==> flow/design.v <==
module switch_blk #(
    parameter int DW = 4
) (
    input  logic i_clk,
    input  logic step,
    input  logic [DW-1:0] d0,
    input  logic [DW-1:0] d1,
    input  logic [DW-1:0] d2,
    input  logic [DW-1:0] d3,
    input  logic [DW-1:0] d4,
    input  logic [DW-1:0] d5,
    input  logic [DW-1:0] d6,
    input  logic [DW-1:0] d7,
    input  logic [2:0] choose,
    output logic [DW-1:0] dout
);
    logic [DW-1:0] val;
    assign val =
        (choose == 3'd0) ? d0 :
        (choose == 3'd1) ? d1 :
        (choose == 3'd2) ? d2 :
        (choose == 3'd3) ? d3 :
        (choose == 3'd4) ? d4 :
        (choose == 3'd5) ? d5 :
        (choose == 3'd6) ? d6 :
        d7;
    logic [DW-1:0] dout_reg;
    always_ff @(posedge i_clk) begin
        if (step) begin
            dout_reg <= val;
        end
    end
    assign dout = dout_reg;
endmodule
# ---- Tool chain data of switch_blk
# What the tools print for switch_blk, step after step.
# Line numbers count from 1 in the design file above.
# The mark n/a stands for no value.
dict set report design {
  top_module {switch_blk}
  clock_port {i_clk}
  cell_library {sky130hd}
  lib_corner {tt_025C_1v80}
}

# ---- Word level
# Counts by Yosys on the flattened word-level netlist (proc, flatten, opt, wreduce; memories kept). Register bits leave out memories and registers merged into their read ports (data or address); mux counts leave out enables and synchronous resets folded into registers. Print and check cells are left out. Cells with the same type and inputs are merged into one.
dict set report bits {
  input_bits 37
  mem_bits_ro 0
  clocked_rd_ports_x_width 0
  out_inout_bits 4
  wordCells 15
  ram_bits 0
  reg_bits 4
  latch_bits 0
  n_memories 0
}
dict set report op_classes {
  n_addsub 0
  n_eq 6
  n_shift 0
  n_cmp 0
  div 0
  bitwise 0
  n_mux 7
  multipliers 0
  reduce_logical 1
}
# cell n
set ops {}
lappend ops {{two-way mux 4 bit} 7}
lappend ops {{== test 3 bit with constant B} 3}
lappend ops {{== test 3 x 2 -> 1 bit with constant B} 2}
lappend ops {{== test 3 x 1 -> 1 bit with constant B} 1}
lappend ops {{logical NOT 3 bit} 1}

# ---- Depth
# Longest topological path by Yosys (ltp), each cell counted once; first at word level (registers and memories cut), then after technology mapping (sequential cells cut; the memories' decode and read muxes count).
dict set report logic_depth {
  ltp_word 8
  ABC_AREA 0
  mapped_depth 6
  mapped_depth_nobuf 4
}

# ---- Netlist
# Yosys stat after the flow's synthesis: flattened, memories mapped to cells. It holds for the ABC_AREA given above (unset counts as 0); a run with the other value may have another netlist.
# Totals and module areas in this step are rounded.
# cell_type n type_area_um2
set types {}
lappend types {sky130_fd_sc_hd__edfxtp_1 4 120.115}
lappend types {sky130_fd_sc_hd__mux2i_1 5 50.048}
lappend types {sky130_fd_sc_hd__mux2_2 4 45.043}
lappend types {sky130_fd_sc_hd__mux4_1 1 26.275}
lappend types {sky130_fd_sc_hd__o21ai_0 5 25.024}
lappend types {sky130_fd_sc_hd__mux4_2 1 22.522}
lappend types {sky130_fd_sc_hd__nor2_1 6 22.522}
lappend types {sky130_fd_sc_hd__nand2_1 5 18.768}
lappend types {sky130_fd_sc_hd__o32ai_2 1 16.266}
lappend types {sky130_fd_sc_hd__buf_2 3 15.014}
lappend types {sky130_fd_sc_hd__a31oi_1 2 12.512}
lappend types {sky130_fd_sc_hd__o22ai_1 2 12.512}
lappend types {sky130_fd_sc_hd__buf_6 1 11.261}
lappend types {sky130_fd_sc_hd__a21oi_1 2 10.01}
lappend types {sky130_fd_sc_hd__a41o_1 1 10.01}
lappend types {sky130_fd_sc_hd__a221oi_1 1 8.758}
lappend types {sky130_fd_sc_hd__o22a_1 1 8.758}
lappend types {sky130_fd_sc_hd__o31a_1 1 8.758}
# Other cell types: 10; their cells: 11.
dict set report synth_totals {
  cells 57
  sequential_area_um2 120
  flip_flops 4
  buf_cells 5
  yosys_area_um2 510
}

# ---- Path before layout
# Path of least setup slack by OpenSTA after synthesis, without wires, with an ideal clock, recovery checks aside; 20% of the period is set as input and as output delay. Where synthesis merged equal registers, the netlist keeps one of their names.
dict set report synth_path {
  path_kind {input to register}
  from {input (name not given)}
  to {register dout_reg[1]}
  path_delay_ps 1108
  input_delay_ps 346
  setup_ps 265
  t_required_ps 1465
  n_path_buf 1
  t_first_pin_ps 346
  path_stages 4
  period_ps 1730
  arrival_time_ps 1189
  path_slack_ps 277
  period_less_setup_slack_ps 1453
}
# "path_delay_ps" = arrival - input delay + setup time.
# "path_stages" counts driving pins, that of a launching flip-flop among them; a cell with two outputs on the path counts twice.
# "period_less_setup_slack_ps" = period - worst setup slack (recovery checks aside). The figure is calculated, with input and output delays left at 20% of the set period.
# The rows between start and end are the longest chain of elaborated cells between them; the timing report does not say that the signal goes this way. Where chains are equally long, one stands for them.
# Each line given opens the expression or statement behind the cell; cells for indexed reads and writes are added by Yosys, which also makes memories of some case tables.
dict set report synth_via {
  cell_sequence {sky130_fd_sc_hd__buf_6 sky130_fd_sc_hd__mux4_2 sky130_fd_sc_hd__o32ai_2 sky130_fd_sc_hd__a31oi_1}
  elab_chain_cells 8
  cone_cells 14
  cone_lines 7
  cone_classes {6 x eq/ne; 7 x mux; 1 x reduce/logical}
}
# item line
set synth_rtl {}
lappend synth_rtl {{start: declaration} 14}
lappend synth_rtl {{== test 3 bit} 25}
lappend synth_rtl {{two-way mux 4 bit} 25}
lappend synth_rtl {{two-way mux 4 bit} 24}
lappend synth_rtl {{two-way mux 4 bit} 23}
lappend synth_rtl {{two-way mux 4 bit} 22}
lappend synth_rtl {{two-way mux 4 bit} 21}
lappend synth_rtl {{two-way mux 4 bit} 20}
lappend synth_rtl {{two-way mux 4 bit} 19}
lappend synth_rtl {{end: assignment} 30} ;# dout_reg <= val;
lappend synth_rtl {{end: declaration} 27} ;# logic [DW-1:0] dout_reg;

# ---- Worst path after layout
# Path of least setup slack in the final report of run C (OpenROAD, finished layout, wires in). Where an end is a register, its clock arrival counts in the times.
# The report prints the path's times to 10 ps; the period is as set.
dict set report layout_path {
  path_kind {input to register}
  from {input (name not given)}
  to {register dout_reg[0]}
  input_delay_ps 350
  path_slack_ps 140
  t_required_ps 1710
  n_path_buf 2
  path_stages 5
  arrival_time_ps 1560
  setup_ps 250
  period_ps 1730
  t_first_pin_ps 350
}
# The rows between start and end are the longest chain of elaborated cells between them; the timing report does not say that the signal goes this way. Where chains are equally long, one stands for them.
dict set report layout_via {
  cell_sequence {sky130_fd_sc_hd__clkdlybuf4s50_1 sky130_fd_sc_hd__buf_4 sky130_fd_sc_hd__mux2i_1 sky130_fd_sc_hd__a21oi_1 sky130_fd_sc_hd__o22a_1}
  elab_chain_cells 8
  cone_cells 14
  cone_lines 7
  cone_classes {6 x eq/ne; 7 x mux; 1 x reduce/logical}
}
# item line
set layout_rtl {}
lappend layout_rtl {{start: declaration} 14}
lappend layout_rtl {{== test 3 bit} 25}
lappend layout_rtl {{two-way mux 4 bit} 25}
lappend layout_rtl {{two-way mux 4 bit} 24}
lappend layout_rtl {{two-way mux 4 bit} 23}
lappend layout_rtl {{two-way mux 4 bit} 22}
lappend layout_rtl {{two-way mux 4 bit} 21}
lappend layout_rtl {{two-way mux 4 bit} 20}
lappend layout_rtl {{two-way mux 4 bit} 19}
lappend layout_rtl {{end: assignment} 30} ;# dout_reg <= val;
lappend layout_rtl {{end: declaration} 27} ;# logic [DW-1:0] dout_reg;

# Top module switch_blk; platform sky130hd; tools Yosys and OpenROAD; 3 stored runs in no particular order. Input and output delays are each 20% of the period that was set; the output load is 0.01 pF.
# "period_reached_ps" is the run's clock period less its worst setup slack. It is reckoned from that one timing run; input and output delays stay at 20% of the period that was set.
# "worst_path_time_ps": the worst setup path's part of the clock period (all of it between registers, 20% less for each end at a port) less its slack. A launch clock that arrives late makes it longer, a capture clock that arrives late makes it shorter.
# "totalPower_w" rests on the timing tool's default activity at the inputs, not on a simulated workload.
# "worst_path_time_ps" is given in steps of 10 ps.
# Measured values are rounded.
run="run A" settings period_ns=2.19 CORE_UTILIZATION=64 SETUP_SLACK_MARGIN=0.31 PLACE_DENSITY=0.47 CORE_ASPECT_RATIO=1.84 CORE_MARGIN=4 TNS_END_PERCENT=95 GPL_ROUTABILITY_DRIVEN=0 CTS_CLUSTER_SIZE=100 SLEW_MARGIN=25 CAP_MARGIN=20
run="run A" outcome="no results, floorplanning failed with PDN-0185"
run="run B" settings period_ns=1.16 CORE_UTILIZATION=44 PLACE_DENSITY=0.7 ABC_AREA=0 CTS_CLUSTER_SIZE=89 SLEW_MARGIN=25 MIN_ROUTING_LAYER="met2" MAX_ROUTING_LAYER="met4" CAP_MARGIN=20 CORE_MARGIN=2
run="run B" outcome="no results, routing failed with GRT-0232"
run="run C" settings period_ns=1.73 CAP_MARGIN=20 CORE_MARGIN=2 CORE_UTILIZATION=40 SLEW_MARGIN=20
run="run C" results totalPower_w=0.000465 setup_ws_ps=144 period_reached_ps=1586 die_footprint_um2=1580 finalUtil_pct=87.0 yosys.chip_area_um2=510 hold_worst_slack_ps=817 setupTns_ps=0 final_cell_area_um2=1010 worst_path_time_ps=1240 path_kind="input to register"
